==> flow/design.v <==
module my_summer_rtl #(
   parameter integer BITS = 96
) (
   input logic clock,
   input logic srst,
   input logic [BITS-1:0] in_dataa,
   input logic [BITS-1:0] in_datab,
   input logic in_carry_in,
   output logic [BITS-1:0] out_s,
   output logic out_ovf
);
   logic [BITS-1:0] dataa_reg;
   logic [BITS-1:0] datab_reg;
   logic carry_in_reg;
   logic [BITS-1:0] tmp;
   logic [BITS:0] c;
   assign c[0] = carry_in_reg;
   for (genvar gi = 0; gi < BITS; gi++) begin : row
      assign tmp[gi] = dataa_reg[gi] ^ datab_reg[gi] ^ c[gi];
      assign c[gi+1] = (dataa_reg[gi] & datab_reg[gi]) | (c[gi] & (dataa_reg[gi] ^ datab_reg[gi]));
   end
   assign out_s = tmp;
   assign out_ovf = c[BITS];
   always_ff @(posedge clock or posedge srst) begin
      if (srst) begin
         dataa_reg <= 0;
         datab_reg <= 0;
         carry_in_reg <= 1'b0;
      end else begin
         dataa_reg <= in_dataa;
         datab_reg <= in_datab;
         carry_in_reg <= in_carry_in;
      end
   end
endmodule
# Tool chain data of my_summer_rtl
# The steps from the RTL of my_summer_rtl to its reports follow in flow order.
# Lines are those of the file above, counted from 1.
# Operators carry their Yosys type and port widths (W data, S select, Z words).
# Not given: n/a
# design
design	my_summer_rtl
clock_port	clock
library	sky130hd
lib_corner	tt_025C_1v80

# Word-level counts
# Source: Yosys, flattened and elaborated, memories not mapped. Widths are those after wreduce; folded enables and synchronous resets count as part of the registers. Registers that Yosys merges into a memory's read port (data or address) are not register bits. Print and check cells do not count. Equal cells are merged and count once.
# classes
n_logic	480
# op_table
cell	count
$and A1 B1 Y1	192
$xor A1 B1 Y1	192
$or A1 B1 Y1	96
# bits
register_bits	193
in_bits	195
out_inout_bits	97
word_cells	483

# Logic depth
# Yosys ltp: most cells in a row. Word level: on the elaborated netlist, between registers, memories and ports. Mapped: between sequential cells and ports; inverters and the memories' decode and read muxes count.
# depth
depth_word	193
abc_area	0
mapped_depth	100
depth_no_buf	100

# After synthesis
# The flow's flattened synthesis, as Yosys stat reports it; memories are mapped. The netlist is that of the ABC_AREA named above (0 if unset); the other value can give another one.
# The area totals of this step are shown rounded.
# synth_totals
cell_count	300
area_um2	6790
sequential_area_um2	4830
ffs	193
buffers	0
# types
cell_type	count	type_area_um2
sky130_fd_sc_hd__dfrtp_1	193	4.83E+03
sky130_fd_sc_hd__fa_1	96	1.92E+03
sky130_fd_sc_hd__inv_1	11	41.29

# Timing after synthesis
# Source: OpenSTA report_checks on the synthesized netlist (no wires, ideal clock, input and output delay 20% of the period each), path of least setup slack; recovery checks are left aside. Register names are those of the netlist, which keeps one name where synthesis merged equal registers.
# synth_path
kind	reg2out
start	register dataa_reg[0]
end	output out_s[95]
clock_period_ns	57.6
output_delay_ns	11.520
t_first_pin_ns	0.000
arrival_time_ns	36.858
t_required_ns	46.080
slack_ns	9.222
delay_ns	36.858
path_stages	101
path_buffers	0
period_less_setup_slack_ns	48.378
# "delay_ns" = arrival - input delay + setup time.
# A path that ends at an output port has no setup time.
# "path_stages": output pins that drive a net of the path, with the launching flip-flop's if there is one; two outputs of one cell count as two.
# "period_less_setup_slack_ns" is the clock period less the worst setup slack; recovery checks do not enter. This is arithmetic on one report: input and output delays are still those of the set period (20% each).
# Between the ends stands the longest chain of elaborated cells between them, by number of cells; it is not shown to be the way that was timed. Of several equally long chains one is given.
# Each line given opens the expression or statement behind the cell; cells for indexed reads and writes are added by Yosys, which also makes memories of some case tables.
# synth_between
cell_sequence	sky130_fd_sc_hd__dfrtp_1 -> sky130_fd_sc_hd__fa_1 -> sky130_fd_sc_hd__fa_1 -> sky130_fd_sc_hd__fa_1 -> sky130_fd_sc_hd__fa_1 -> sky130_fd_sc_hd__fa_1 -> sky130_fd_sc_hd__fa_1 -> sky130_fd_sc_hd__fa_1 -> sky130_fd_sc_hd__fa_1 -> sky130_fd_sc_hd__fa_1 -> sky130_fd_sc_hd__fa_1 -> sky130_fd_sc_hd__fa_1 -> sky130_fd_sc_hd__fa_1 -> sky130_fd_sc_hd__fa_1 -> sky130_fd_sc_hd__fa_1 -> sky130_fd_sc_hd__fa_1 -> sky130_fd_sc_hd__fa_1 -> sky130_fd_sc_hd__fa_1 -> (+65 left out) -> sky130_fd_sc_hd__fa_1 -> sky130_fd_sc_hd__fa_1 -> sky130_fd_sc_hd__fa_1 -> sky130_fd_sc_hd__fa_1 -> sky130_fd_sc_hd__fa_1 -> sky130_fd_sc_hd__fa_1 -> sky130_fd_sc_hd__fa_1 -> sky130_fd_sc_hd__fa_1 -> sky130_fd_sc_hd__fa_1 -> sky130_fd_sc_hd__fa_1 -> sky130_fd_sc_hd__fa_1 -> sky130_fd_sc_hd__inv_1 -> sky130_fd_sc_hd__fa_1 -> sky130_fd_sc_hd__inv_1 -> sky130_fd_sc_hd__fa_1 -> sky130_fd_sc_hd__inv_1 -> sky130_fd_sc_hd__fa_1 -> sky130_fd_sc_hd__inv_1
elab_chain_len	192
cells_between	193
cone_classes	193 x logic
# synth_rtl
element	line_no	text
start, declared	12	logic [BITS-1:0] dataa_reg;
start, assigned	26	dataa_reg <= 0;
start, assigned	30	dataa_reg <= in_dataa;
$xor A1 B1 Y1	20	assign c[gi+1] = (dataa_reg[gi] & datab_reg[gi]) | (c[gi] & (dataa_reg[gi] ^ datab_reg[gi]));
$and A1 B1 Y1	20
$or A1 B1 Y1	20
$and A1 B1 Y1	20
$or A1 B1 Y1	20
$and A1 B1 Y1	20
$or A1 B1 Y1	20
(+178 left out)	n/a
$and A1 B1 Y1	20
$or A1 B1 Y1	20
$and A1 B1 Y1	20
$or A1 B1 Y1	20
$and A1 B1 Y1	20
$or A1 B1 Y1	20
$xor A1 B1 Y1	19	assign tmp[gi] = dataa_reg[gi] ^ datab_reg[gi] ^ c[gi];
end, declared	9	output logic [BITS-1:0] out_s,

# Timing after layout
# Path of least setup slack in the final report of stored run 1 (OpenROAD, finished layout, wires in). Where an end is a register, its clock arrival counts in the times.
# layout_path
kind	reg2out
start	register dataa_reg[0]
end	output out_s[95]
clock_period_ns	76.2
output_delay_ns	15.24
t_first_pin_ns	0.42
arrival_time_ns	39.70
t_required_ns	60.96
slack_ns	21.26
path_stages	102
path_buffers	1
# Between the ends stands the longest chain of elaborated cells between them, by number of cells; it is not shown to be the way that was timed. Of several equally long chains one is given.
# layout_between
cell_sequence	sky130_fd_sc_hd__dfrtp_1 -> sky130_fd_sc_hd__fa_1 -> sky130_fd_sc_hd__fa_1 -> sky130_fd_sc_hd__fa_1 -> sky130_fd_sc_hd__fa_1 -> sky130_fd_sc_hd__fa_1 -> sky130_fd_sc_hd__fa_1 -> sky130_fd_sc_hd__fa_1 -> sky130_fd_sc_hd__fa_1 -> sky130_fd_sc_hd__fa_1 -> sky130_fd_sc_hd__fa_1 -> sky130_fd_sc_hd__fa_1 -> sky130_fd_sc_hd__fa_1 -> sky130_fd_sc_hd__fa_1 -> sky130_fd_sc_hd__fa_1 -> sky130_fd_sc_hd__fa_1 -> sky130_fd_sc_hd__fa_1 -> sky130_fd_sc_hd__fa_1 -> (+66 left out) -> sky130_fd_sc_hd__fa_1 -> sky130_fd_sc_hd__fa_1 -> sky130_fd_sc_hd__fa_1 -> sky130_fd_sc_hd__fa_1 -> sky130_fd_sc_hd__fa_1 -> sky130_fd_sc_hd__fa_1 -> sky130_fd_sc_hd__fa_1 -> sky130_fd_sc_hd__fa_1 -> sky130_fd_sc_hd__fa_1 -> sky130_fd_sc_hd__fa_1 -> sky130_fd_sc_hd__inv_1 -> sky130_fd_sc_hd__fa_1 -> sky130_fd_sc_hd__inv_1 -> sky130_fd_sc_hd__fa_1 -> sky130_fd_sc_hd__inv_1 -> sky130_fd_sc_hd__fa_1 -> sky130_fd_sc_hd__inv_1 -> sky130_fd_sc_hd__clkdlybuf4s50_1
elab_chain_len	192
cells_between	193
cone_classes	193 x logic
# layout_rtl
element	line_no	text
start, declared	12	logic [BITS-1:0] dataa_reg;
start, assigned	26	dataa_reg <= 0;
start, assigned	30	dataa_reg <= in_dataa;
$xor A1 B1 Y1	20	assign c[gi+1] = (dataa_reg[gi] & datab_reg[gi]) | (c[gi] & (dataa_reg[gi] ^ datab_reg[gi]));
$and A1 B1 Y1	20
$or A1 B1 Y1	20
$and A1 B1 Y1	20
$or A1 B1 Y1	20
$and A1 B1 Y1	20
$or A1 B1 Y1	20
(+178 left out)	n/a
$and A1 B1 Y1	20
$or A1 B1 Y1	20
$and A1 B1 Y1	20
$or A1 B1 Y1	20
$and A1 B1 Y1	20
$or A1 B1 Y1	20
$xor A1 B1 Y1	19	assign tmp[gi] = dataa_reg[gi] ^ datab_reg[gi] ^ c[gi];
end, declared	9	output logic [BITS-1:0] out_s,

Add stored flow runs of my_summer_rtl

Stored flow runs of my_summer_rtl (3 of them; Yosys, OpenROAD, sky130hd). They differ in their settings and are not a sequence. Constraints: input delay and output delay 20% of the set period each, output load 0.01 pF.
"timing.achieved_period_ns": clock period set for the run, less the worst setup slack. It is reckoned from that one timing run; input and output delays stay at 20% of the period that was set.
Results are given in rounded form.

Stored run 1, flow files:
==> flow/run.sh <==
#!/bin/bash
# the make line also repeats the synthesis and layout settings of config.mk as NAME=value (left out here)
make -C /OpenROAD-flow-scripts/flow DESIGN_CONFIG=/design/flow/config.mk WORK_HOME=/design/flow/orfs CLKGATE_MAP_FILE= finish
==> flow/config.mk <==
export PLATFORM = sky130hd
export DESIGN_NAME = my_summer_rtl
export DESIGN_NICKNAME = my_summer_rtl
export VERILOG_FILES = /design/flow/design.v
export SDC_FILE = /design/flow/constraint.sdc
export NUM_CORES = 4
export LEC_CHECK = 0
export CAP_MARGIN = 20
export CELL_PAD_IN_SITES_DETAIL_PLACEMENT = 1
export CORE_ASPECT_RATIO = 0.59
export CORE_MARGIN = 5
export CORE_UTILIZATION = 36
export CTS_CLUSTER_SIZE = 75
export MAX_ROUTING_LAYER = met5
export PLACE_DENSITY_LB_ADDON = 0.2
export SETUP_SLACK_MARGIN = 3.6
export SLEW_MARGIN = 20
export TNS_END_PERCENT = 30
==> flow/constraint.sdc <==
create_clock -name core_clock -period 76.2 [get_ports {clock}]
set_input_delay 15.2400 -clock core_clock [delete_from_list [all_inputs] [get_ports {clock}]]
set_output_delay 15.2400 -clock core_clock [all_outputs]
set_load 0.01 [all_outputs]

==> results of stored run 1, as CSV <==
result,value
die_um2,21800
layout_stdcell_area_um2,10600
final_setup_ws_ns,21.3
timing.achieved_period_ns,54.939
ys_area_um2,6790

Stored run 2, flow files:
==> flow/run.sh <==
#!/bin/bash
# the make line also repeats the synthesis and layout settings of config.mk as NAME=value (left out here)
make -C /OpenROAD-flow-scripts/flow DESIGN_CONFIG=/design/flow/config.mk WORK_HOME=/design/flow/orfs CLKGATE_MAP_FILE= finish
==> flow/config.mk <==
export PLATFORM = sky130hd
export DESIGN_NAME = my_summer_rtl
export DESIGN_NICKNAME = my_summer_rtl
export VERILOG_FILES = /design/flow/design.v
export SDC_FILE = /design/flow/constraint.sdc
export NUM_CORES = 4
export LEC_CHECK = 0
export CAP_MARGIN = 20
export CORE_MARGIN = 2
export CORE_UTILIZATION = 40
export SLEW_MARGIN = 20
==> flow/constraint.sdc <==
create_clock -name core_clock -period 57.6 [get_ports {clock}]
set_input_delay 11.5200 -clock core_clock [delete_from_list [all_inputs] [get_ports {clock}]]
set_output_delay 11.5200 -clock core_clock [all_outputs]
set_load 0.01 [all_outputs]

==> results of stored run 2, as CSV <==
result,value
die_um2,18000
layout_stdcell_area_um2,10600
final_setup_ws_ns,6.56
timing.achieved_period_ns,51.038
ys_area_um2,6790

Stored run 3, flow files:
==> flow/run.sh <==
#!/bin/bash
# the make line also repeats the synthesis and layout settings of config.mk as NAME=value (left out here)
make -C /OpenROAD-flow-scripts/flow DESIGN_CONFIG=/design/flow/config.mk WORK_HOME=/design/flow/orfs CLKGATE_MAP_FILE= finish
==> flow/config.mk <==
export PLATFORM = sky130hd
export DESIGN_NAME = my_summer_rtl
export DESIGN_NICKNAME = my_summer_rtl
export VERILOG_FILES = /design/flow/design.v
export SDC_FILE = /design/flow/constraint.sdc
export NUM_CORES = 4
export LEC_CHECK = 0
export CAP_MARGIN = 40
export CELL_PAD_IN_SITES_DETAIL_PLACEMENT = 1
export CELL_PAD_IN_SITES_GLOBAL_PLACEMENT = 1
export CORE_ASPECT_RATIO = 0.63
export CORE_MARGIN = 2
export CORE_UTILIZATION = 19
export CTS_CLUSTER_DIAMETER = 80
export CTS_CLUSTER_SIZE = 54
export GPL_ROUTABILITY_DRIVEN = 0
export GPL_TIMING_DRIVEN = 1
export MAX_ROUTING_LAYER = met4
export PLACE_DENSITY = 0.86
export SETUP_SLACK_MARGIN = -2.0
export SLEW_MARGIN = 20
==> flow/constraint.sdc <==
create_clock -name core_clock -period 79.0 [get_ports {clock}]
set_input_delay 15.8000 -clock core_clock [delete_from_list [all_inputs] [get_ports {clock}]]
set_output_delay 15.8000 -clock core_clock [all_outputs]
set_load 0.01 [all_outputs]

==> results of stored run 3, as CSV <==
result,value
die_um2,37300
layout_stdcell_area_um2,11000
final_setup_ws_ns,22.9
timing.achieved_period_ns,56.126
ys_area_um2,6790
